==> flow/design.v <==
module sh_core_n #(
   parameter integer DWIDTH = 8,
   parameter integer SW = $clog2(DWIDTH)
) (
   input wire ck,
   input wire rstn,
   input wire en,
   input wire [DWIDTH-1:0] data,
   input wire [SW-1:0] sh,
   input wire dir,
   output reg [DWIDTH-1:0] y
);
   reg [DWIDTH-1:0] data_s;
   reg [SW-1:0] sh_s;
   reg dir_s;
   always @(posedge ck) begin
      if (!rstn) begin
         data_s <= 0;
         sh_s <= 0;
         dir_s <= 1'b0;
         y <= 0;
      end else if (en) begin
         data_s <= data;
         sh_s <= sh;
         dir_s <= dir;
         y <= dir_s ? data_s << sh_s : data_s >> sh_s;
      end
   end
endmodule
# Reports on sh_core_n
# What the tools print for sh_core_n, step after step.
# Lines are those of the file above, counted from 1.
# Operators carry their Yosys type and port widths (W data, S select, Z words).
# A cell with - has no value.
# setup
top	sh_core_n
clk_port	ck
library	sky130hd
pvt_corner	tt_025C_1v80

# Elaborated design
# Yosys after proc, flatten, opt, wreduce and memory -nomap, before mapping. Enables and synchronous resets that opt folds into registers are not counted as muxes. Memory bits, and registers merged into a memory's read port (data or address), are not among the register bits. Print and check cells are not counted. Equal cells are merged and count once.
# op_classes
n_shift	2
n_mux	1
# op_table
cell	n
$shl A8 B3 Y8	1
$shr A8 B3 Y8	1
$mux W8	1
# word_totals
reg_bits	20
input_bits	15
output_inout_bits	8
wordCells	7

# Logic depth
# Longest topological path by Yosys (ltp), each cell counted once; first at word level (registers and memories cut), then after technology mapping (sequential cells cut; the memories' decode and read muxes count).
# logic_depth
ltp_word	2
abc_area	1
mapped_depth	10

# After synthesis
# Source: synth_stat.txt of the flow (Yosys; design flattened, memories mapped). It holds for the ABC_AREA given above (unset counts as 0); a run with the other value may have another netlist.
# The area totals of this step are shown rounded.
# mapped
stdcells	186
yosys_area_mm2	0.00114
seq_area_mm2	0.0004
ff_cells	20
# types
cell_type	n	area_total_um2
sky130_fd_sc_hd__dfxtp_1	20	400.384
sky130_fd_sc_hd__nand3_1	37	185.178
sky130_fd_sc_hd__nand2_1	44	165.158
sky130_fd_sc_hd__nor2_1	38	142.637
sky130_fd_sc_hd__o21ai_0	16	80.077
sky130_fd_sc_hd__a21oi_1	8	40.038
sky130_fd_sc_hd__inv_1	6	22.522
sky130_fd_sc_hd__clkbuf_1	5	18.768
sky130_fd_sc_hd__buf_4	2	15.014
sky130_fd_sc_hd__nor2_2	2	12.512
sky130_fd_sc_hd__buf_6	1	11.261
sky130_fd_sc_hd__inv_2	3	11.261
sky130_fd_sc_hd__nor2_4	1	11.261
sky130_fd_sc_hd__nand3_2	1	10.01
sky130_fd_sc_hd__inv_4	1	6.256
sky130_fd_sc_hd__clkinv_1	1	3.754

# Path before layout
# Source: OpenSTA report_checks on the synthesized netlist (no wires, ideal clock, input and output delay 20% of the period each), path of least setup slack; recovery checks are left aside. Register names are those of the netlist, which keeps one name where synthesis merged equal registers.
# synth_path
path_kind	register to register
start	reg sh_s[0]
end	reg y[1]
clock_period_ns	1.84
setup_time_ns	0.117
arrival_ns	0.916
required_ns	1.723
path_slack_ns	0.807
delay_ns	1.033
path_stages	9
path_buffers	1
period_less_setup_slack_ns	1.033
# "delay_ns" is the arrival time less input delay plus setup time.
# "path_stages" counts driving pins, that of a launching flip-flop among them; a cell with two outputs on the path counts twice.
# "period_less_setup_slack_ns" = period - worst setup slack (recovery checks aside). The figure is calculated, with input and output delays left at 20% of the set period.
# The rows between start and end are the longest chain of elaborated cells between them; the timing report does not say that the signal goes this way. Where chains are equally long, one stands for them.
# A line is the first line of the expression or statement that the cell stems from. Yosys adds cells for indexed reads and writes and turns some case tables into memories.
# synth_between
path_cell_list	sky130_fd_sc_hd__dfxtp_1 > sky130_fd_sc_hd__buf_4 > sky130_fd_sc_hd__inv_4 > sky130_fd_sc_hd__nand2_1 > sky130_fd_sc_hd__nand3_1 > sky130_fd_sc_hd__nand3_1 > sky130_fd_sc_hd__nand3_1 > sky130_fd_sc_hd__nor2_1 > sky130_fd_sc_hd__nor2_1
elab_chain_len	2
cone_cells	3
cone_classes	shift (2); mux (1)
# synth_rtl
item	line_no	source
from (decl)	14	reg [SW-1:0] sh_s;
from (assign)	19	sh_s <= 0;
from (assign)	24	sh_s <= sh;
$shr A8 B3 Y8	26	y <= dir_s ? data_s << sh_s : data_s >> sh_s;
$mux W8	26
to (assign)	21	y <= 0;
to (assign)	26
to (decl)	11	output reg [DWIDTH-1:0] y

# Worst path after layout
# From the final timing report of record 1: the path of least setup slack in the routed layout; clock arrival at registers is part of the times.
# layout_path
path_kind	register to output
start	reg y[6]
end	out y[6]
clock_period_ns	1.71
arrival_ns	1.19
required_ns	1.37
path_slack_ns	0.18
path_stages	2
path_buffers	1
# layout_between
path_cell_list	sky130_fd_sc_hd__dfxtp_1 > sky130_fd_sc_hd__clkdlybuf4s50_1
elab_chain_len	0
cone_cells	0
# layout_rtl
item	line_no	source
from (decl)	11	output reg [DWIDTH-1:0] y
from (assign)	21	y <= 0;
from (assign)	26	y <= dir_s ? data_s << sh_s : data_s >> sh_s;
to (decl)	11

Lab notebook: sh_core_n

Module sh_core_n, platform sky130hd: 3 stored runs of the flow (Yosys, OpenROAD) with differing settings, in no particular order. Input and output delays are each 20% of the period that was set; the output load is 0.01 pF.
"achievedPeriod_ns": clock period set for the run, less the worst setup slack. It is reckoned from that one timing run; input and output delays stay at 20% of the period that was set.
"worst_path_time_ns" means the part of the period allowed to the worst setup path (the constraints hold back 20% at inputs and 20% at outputs) less its slack; where the path has registers, the arrival times of their clocks count too.
"power_mw" is the tool's figure for a default switching activity; nothing was simulated.
The measured numbers are rounded.

Record 1, flow files:
==> flow/run.sh <==
#!/bin/bash
# the make line also repeats the synthesis and layout settings of config.mk as NAME=value (left out here)
make -C /OpenROAD-flow-scripts/flow DESIGN_CONFIG=/design/flow/config.mk WORK_HOME=/design/flow/orfs CLKGATE_MAP_FILE= finish
==> flow/config.mk <==
export PLATFORM = sky130hd
export DESIGN_NAME = sh_core_n
export DESIGN_NICKNAME = sh_core_n
export VERILOG_FILES = /design/flow/design.v
export SDC_FILE = /design/flow/constraint.sdc
export NUM_CORES = 4
export LEC_CHECK = 0
export ABC_AREA = 1
export CAP_MARGIN = 20
export CELL_PAD_IN_SITES_GLOBAL_PLACEMENT = 0
export CORE_MARGIN = 2
export CORE_UTILIZATION = 51
export CTS_CLUSTER_SIZE = 83
export GPL_ROUTABILITY_DRIVEN = 0
export MAX_ROUTING_LAYER = met5
export SLEW_MARGIN = 40
==> flow/constraint.sdc <==
create_clock -name core_clock -period 1.71 [get_ports {ck}]
set_input_delay 0.3420 -clock core_clock [delete_from_list [all_inputs] [get_ports {ck}]]
set_output_delay 0.3420 -clock core_clock [all_outputs]
set_load 0.01 [all_outputs]

==> results of record 1, as CSV <==
result,value
synth_chip_area_mm2,0.00114
die_mm2,0.00262
stdcell_area_mm2,0.00142
post_route_util_pct,66.1
setup_worst_slack_ns,0.175
setupTns_ns,0.000
worst_hold_slack_ns,0.533
power_mw,1.07
achievedPeriod_ns,1.535
worst_path_time_ns,1.19
worst_path_kind,"register to output"

Record 2, flow files:
==> flow/run.sh <==
#!/bin/bash
# the make line also repeats the synthesis and layout settings of config.mk as NAME=value (left out here)
make -C /OpenROAD-flow-scripts/flow DESIGN_CONFIG=/design/flow/config.mk WORK_HOME=/design/flow/orfs CLKGATE_MAP_FILE= finish
==> flow/config.mk <==
export PLATFORM = sky130hd
export DESIGN_NAME = sh_core_n
export DESIGN_NICKNAME = sh_core_n
export VERILOG_FILES = /design/flow/design.v
export SDC_FILE = /design/flow/constraint.sdc
export NUM_CORES = 4
export LEC_CHECK = 0
export CAP_MARGIN = 0
export CELL_PAD_IN_SITES_GLOBAL_PLACEMENT = 1
export CORE_MARGIN = 2
export CORE_UTILIZATION = 36
export CTS_CLUSTER_DIAMETER = 49
export HOLD_SLACK_MARGIN = 0.05
export PLACE_DENSITY = 0.83
export SETUP_SLACK_MARGIN = 0.36
export SLEW_MARGIN = 25
==> flow/constraint.sdc <==
create_clock -name core_clock -period 1.9 [get_ports {ck}]
set_input_delay 0.3800 -clock core_clock [delete_from_list [all_inputs] [get_ports {ck}]]
set_output_delay 0.3800 -clock core_clock [all_outputs]
set_load 0.01 [all_outputs]

==> results of record 2, as CSV <==
result,value
synth_chip_area_mm2,0.00129
die_mm2,0.00409
stdcell_area_mm2,0.00157
post_route_util_pct,46.2
setup_worst_slack_ns,0.379
setupTns_ns,0.000
worst_hold_slack_ns,0.493
power_mw,0.957
achievedPeriod_ns,1.521
worst_path_time_ns,1.52
worst_path_kind,"register to register"

Record 3, flow files:
==> flow/run.sh <==
#!/bin/bash
# the make line also repeats the synthesis and layout settings of config.mk as NAME=value (left out here)
make -C /OpenROAD-flow-scripts/flow DESIGN_CONFIG=/design/flow/config.mk WORK_HOME=/design/flow/orfs CLKGATE_MAP_FILE= finish
==> flow/config.mk <==
export PLATFORM = sky130hd
export DESIGN_NAME = sh_core_n
export DESIGN_NICKNAME = sh_core_n
export VERILOG_FILES = /design/flow/design.v
export SDC_FILE = /design/flow/constraint.sdc
export NUM_CORES = 4
export LEC_CHECK = 0
export CAP_MARGIN = 20
export CORE_MARGIN = 2
export CORE_UTILIZATION = 40
export SLEW_MARGIN = 20
==> flow/constraint.sdc <==
create_clock -name core_clock -period 1.84 [get_ports {ck}]
set_input_delay 0.3680 -clock core_clock [delete_from_list [all_inputs] [get_ports {ck}]]
set_output_delay 0.3680 -clock core_clock [all_outputs]
set_load 0.01 [all_outputs]

==> results of record 3, as CSV <==
result,value
synth_chip_area_mm2,0.00129
die_mm2,0.0037
stdcell_area_mm2,0.0016
post_route_util_pct,52.3
setup_worst_slack_ns,0.212
setupTns_ns,0.000
worst_hold_slack_ns,0.493
power_mw,1.11
achievedPeriod_ns,1.628
worst_path_time_ns,1.63
worst_path_kind,"register to register"
